==> flow/design.v <==
module u_scratch_top #(
  parameter int WORDS = 128,
  parameter int DWIDTH = 12,
  parameter int ADDR_W = $clog2(WORDS)
) (
  input logic aclk,
  input logic [ADDR_W-1:0] index,
  input logic wen,
  input logic [DWIDTH-1:0] wr_data,
  output logic [DWIDTH-1:0] q
);
  logic [DWIDTH-1:0] store [0:WORDS-1];
  always_ff @(posedge aclk)
    if (wen) store[index] <= wr_data;
  assign q = wen ? wr_data : store[index];
endmodule
**From RTL to reports: u_scratch_top**

The steps from the RTL of u_scratch_top to its reports follow in flow order.
Lines are those of the file above, counted from 1.
Operators: Yosys type, input widths -> output width; for muxes data width and select width s.
The mark - stands for no value.

- Top module: u_scratch_top
- Clock input: aclk
- Library: sky130hd
- Timing corner: tt_025C_1v80

**Word-level counts**

Counts by Yosys on the flattened word-level netlist (proc, flatten, opt, wreduce; memories kept). Register bits leave out memories and registers merged into their read ports (data or address); mux counts leave out enables and synchronous resets folded into registers. Print and check cells are left out. Cells with the same type and inputs are merged into one.
Yosys's memory passes give these memory sizes; they may raise the number of words (mostly to a power of two), join words into wider ones and drop unused or constant bits.

- Memory bits (read-only): 0
- Input bits: 21
- Flip-flop bits (word level): 0
- Word width x clocked read ports: 0
- Cells after elaboration: 5
- Latch bits: 0
- Memory bits (writable): 1536
- Memory cells: 1

- Muxes and demuxes: 4
- Add/sub/neg operators: 0
- Multipliers: 0
- Bitwise logic cells: 0
- Reductions and logical operators: 0
- Shift-type cells: 0
- Divide/modulo/power cells: 0
- Equal/unequal tests: 0
- Magnitude comparators: 0

Memories:

| memory | depth | width | rd ports | wr ports | line | text |
|---|---|---|---|---|---|---|
| store | 128 | 12 | 1 | 1 | 12 | `logic [DWIDTH-1:0] store [0:WORDS-1];` |

Operator list:

| operator | count |
|---|---|
| $mux 12 | 2 |
| $mux 7 | 1 |
| $mux 1 | 1 |

**Logic depth**

Depth = most cells in a row (Yosys ltp): at word level without a register or memory, in the mapped netlist without a sequential cell, where the memories' decode and read muxes count.

- Word-level depth: 1
- ABC_AREA: 1
- Mapped depth: 16

**Netlist**

The flow's flattened synthesis, as Yosys stat reports it; memories are mapped. The netlist is that of the ABC_AREA named above (0 if unset); the other value can give another one.

- Buffers: 318
- Mapped area: 64122.7 um^2
- Standard cells after synthesis: 6131
- Mapped flip-flops: 1536
- Area of sequential cells: 46124.2 um^2

Cells by type:

| type | count | total area (um^2) |
|---|---|---|
| sky130_fd_sc_hd__edfxtp_1 | 1536 | 4.61E+04 |
| sky130_fd_sc_hd__nand2_1 | 3740 | 1.4E+04 |
| sky130_fd_sc_hd__buf_2 | 191 | 955.917 |
| sky130_fd_sc_hd__nor2_1 | 215 | 807.024 |
| sky130_fd_sc_hd__a21oi_1 | 100 | 500.48 |
| sky130_fd_sc_hd__o21ai_1 | 88 | 440.422 |
| sky130_fd_sc_hd__clkbuf_1 | 96 | 360.346 |
| sky130_fd_sc_hd__nand4_1 | 27 | 168.912 |
| sky130_fd_sc_hd__nand3_1 | 24 | 120.115 |
| sky130_fd_sc_hd__o21ai_0 | 19 | 95.091 |
| sky130_fd_sc_hd__buf_1 | 24 | 90.086 |
| sky130_fd_sc_hd__a22oi_1 | 11 | 82.579 |
| sky130_fd_sc_hd__inv_1 | 20 | 75.072 |
| sky130_fd_sc_hd__o22ai_1 | 10 | 62.56 |
| sky130_fd_sc_hd__nand3b_1 | 7 | 52.55 |
| sky130_fd_sc_hd__buf_4 | 5 | 37.536 |
| sky130_fd_sc_hd__buf_6 | 2 | 22.522 |
| sky130_fd_sc_hd__and2_0 | 3 | 18.768 |

Other cell types: 7; their cells: 13.

**Path before layout**

OpenSTA on the mapped netlist: ideal clock, no wires. The path of least setup slack (recovery checks aside). Input and output delay are each 20% of the period. Register names are those of the netlist, which keeps one name where synthesis merged equal registers.

- Kind: input-to-output
- Start: input port index[0]
- End: output port q[2]
- Clock period: 3.97 ns
- Path buffers: 3
- Arrival time: 2.123 ns
- Output delay: 0.794 ns
- Delay of the path: 1.329 ns
- Stages: 15
- Required time: 3.176 ns
- Path slack: 1.053 ns
- Synthesis period reached: 2.917 ns

"delay of the path" = arrival - input delay + setup time.
A path that ends at an output port has no setup time.
"stages" counts driving pins, that of a launching flip-flop among them; a cell with two outputs on the path counts twice.
"synthesis period reached" = period - worst setup slack (recovery checks aside). The figure is calculated, with input and output delays left at 20% of the set period.
Between the ends stands the longest chain of elaborated cells between them, by number of cells; it is not shown to be the way that was timed. Of several equally long chains one is given.
Each line given opens the expression or statement behind the cell; cells for indexed reads and writes are added by Yosys, which also makes memories of some case tables.
A memory read counts as a cell of the chain, while the word-level depth stops at memories.

- Cells stage by stage: sky130_fd_sc_hd__buf_4 sky130_fd_sc_hd__buf_2 sky130_fd_sc_hd__clkbuf_1 sky130_fd_sc_hd__nand2_1 sky130_fd_sc_hd__nand2_1 sky130_fd_sc_hd__nand2_1 sky130_fd_sc_hd__nand2_1 sky130_fd_sc_hd__nand2_1 sky130_fd_sc_hd__nand2_1 sky130_fd_sc_hd__nand2_1 sky130_fd_sc_hd__nand4_1 sky130_fd_sc_hd__nand2_1 sky130_fd_sc_hd__nand2_1 sky130_fd_sc_hd__nor2_1 sky130_fd_sc_hd__nor2_1
- Cells in the longest elaborated chain: 2
- Elaborated cells between the ends (all ways): 2
- Source lines of those cells: 2

RTL lines, path post-synthesis:

| element | line | text |
|---|---|---|
| start: declaration | 7 | `input logic [ADDR_W-1:0] index,` |
| $mem_v2 128x12 | 12 | `logic [DWIDTH-1:0] store [0:WORDS-1];` |
| $mux 12 | 15 | `assign q = wen ? wr_data : store[index];` |
| end: declaration | 10 | `output logic [DWIDTH-1:0] q` |

**Path in the finished layout**

Path of least setup slack in the final report of run B (OpenROAD, finished layout, wires in). Where an end is a register, its clock arrival counts in the times.

- Kind: input-to-output
- Start: input port index[0]
- End: output port q[2]
- Output delay: 0.99 ns
- Clock period: 4.93 ns
- Path slack: 0.56 ns
- Path buffers: 4
- Required time: 3.94 ns
- Stages: 15
- Arrival time: 3.38 ns

Between the ends stands the longest chain of elaborated cells between them, by number of cells; it is not shown to be the way that was timed. Of several equally long chains one is given.
A memory read counts as a cell of the chain, while the word-level depth stops at memories.

- Cells stage by stage: sky130_fd_sc_hd__buf_16 sky130_fd_sc_hd__inv_12 sky130_fd_sc_hd__buf_8 sky130_fd_sc_hd__buf_6 sky130_fd_sc_hd__nand2_1 sky130_fd_sc_hd__a21oi_1 sky130_fd_sc_hd__o21ai_2 sky130_fd_sc_hd__nand2_2 sky130_fd_sc_hd__nand2_2 sky130_fd_sc_hd__nand4_1 sky130_fd_sc_hd__nand2_1 sky130_fd_sc_hd__nand2_1 sky130_fd_sc_hd__nor2_2 sky130_fd_sc_hd__nor2_4 sky130_fd_sc_hd__buf_6
- Cells in the longest elaborated chain: 2
- Elaborated cells between the ends (all ways): 2
- Source lines of those cells: 2

RTL lines, path post-layout:

| element | line | text |
|---|---|---|
| start: declaration | 7 | `input logic [ADDR_W-1:0] index,` |
| $mem_v2 128x12 | 12 | `logic [DWIDTH-1:0] store [0:WORDS-1];` |
| $mux 12 | 15 | `assign q = wen ? wr_data : store[index];` |
| end: declaration | 10 | `output logic [DWIDTH-1:0] q` |

Memo
Re: implementation data of u_scratch_top

Module u_scratch_top, platform sky130hd: 3 stored runs of the flow (Yosys, OpenROAD) with differing settings, in no particular order. Input and output delays are each 20% of the period that was set; the output load is 0.01 pF.
"worst path time": the worst setup path's part of the clock period (all of it between registers, 20% less for each end at a port) less its slack. A launch clock that arrives late makes it longer, a capture clock that arrives late makes it shorter.

### Run A

Settings: `period_ns=2.83`, `CORE_UTILIZATION=66`, `PLACE_DENSITY_LB_ADDON=0.14`, `CORE_ASPECT_RATIO=1.86`, `CORE_MARGIN=3`, `ABC_AREA=0`, `GPL_ROUTABILITY_DRIVEN=0`, `CTS_CLUSTER_DIAMETER=229`, `CAP_MARGIN=20`, `MIN_ROUTING_LAYER=met2`, `SLEW_MARGIN=20`

Not finished: routing ended with error GRT-0232.

### Run B

Settings: `period_ns=4.93`, `CORE_UTILIZATION=17`, `SETUP_SLACK_MARGIN=1.32`, `PLACE_DENSITY_LB_ADDON=0.21`, `CELL_PAD_IN_SITES_GLOBAL_PLACEMENT=0`, `CELL_PAD_IN_SITES_DETAIL_PLACEMENT=0`, `ABC_AREA=1`, `GPL_TIMING_DRIVEN=0`, `CTS_CLUSTER_DIAMETER=125`, `CAP_MARGIN=20`, `CORE_MARGIN=2`, `SLEW_MARGIN=20`

- Post-route worst hold slack: 0.535 ns
- Worst setup slack after layout: 0.564 ns
- Overall die area: 382122.0 um^2
- Utilization of the finished layout: 0.219
- Sum of negative setup slack: 0.000 ns
- Synthesized cell area: 64122.7 um^2
- Worst path time: 2.39 ns
- Worst setup path kind: input-to-output

### Run C

Settings: `period_ns=3.97`, `CAP_MARGIN=20`, `CORE_MARGIN=2`, `CORE_UTILIZATION=40`, `SLEW_MARGIN=20`

- Post-route worst hold slack: 0.285 ns
- Worst setup slack after layout: -0.378 ns
- Overall die area: 153421.0 um^2
- Utilization of the finished layout: 0.508
- Sum of negative setup slack: -1.219 ns
- Synthesized cell area: 60121.4 um^2
- Worst path time: 2.76 ns
- Worst setup path kind: input-to-output
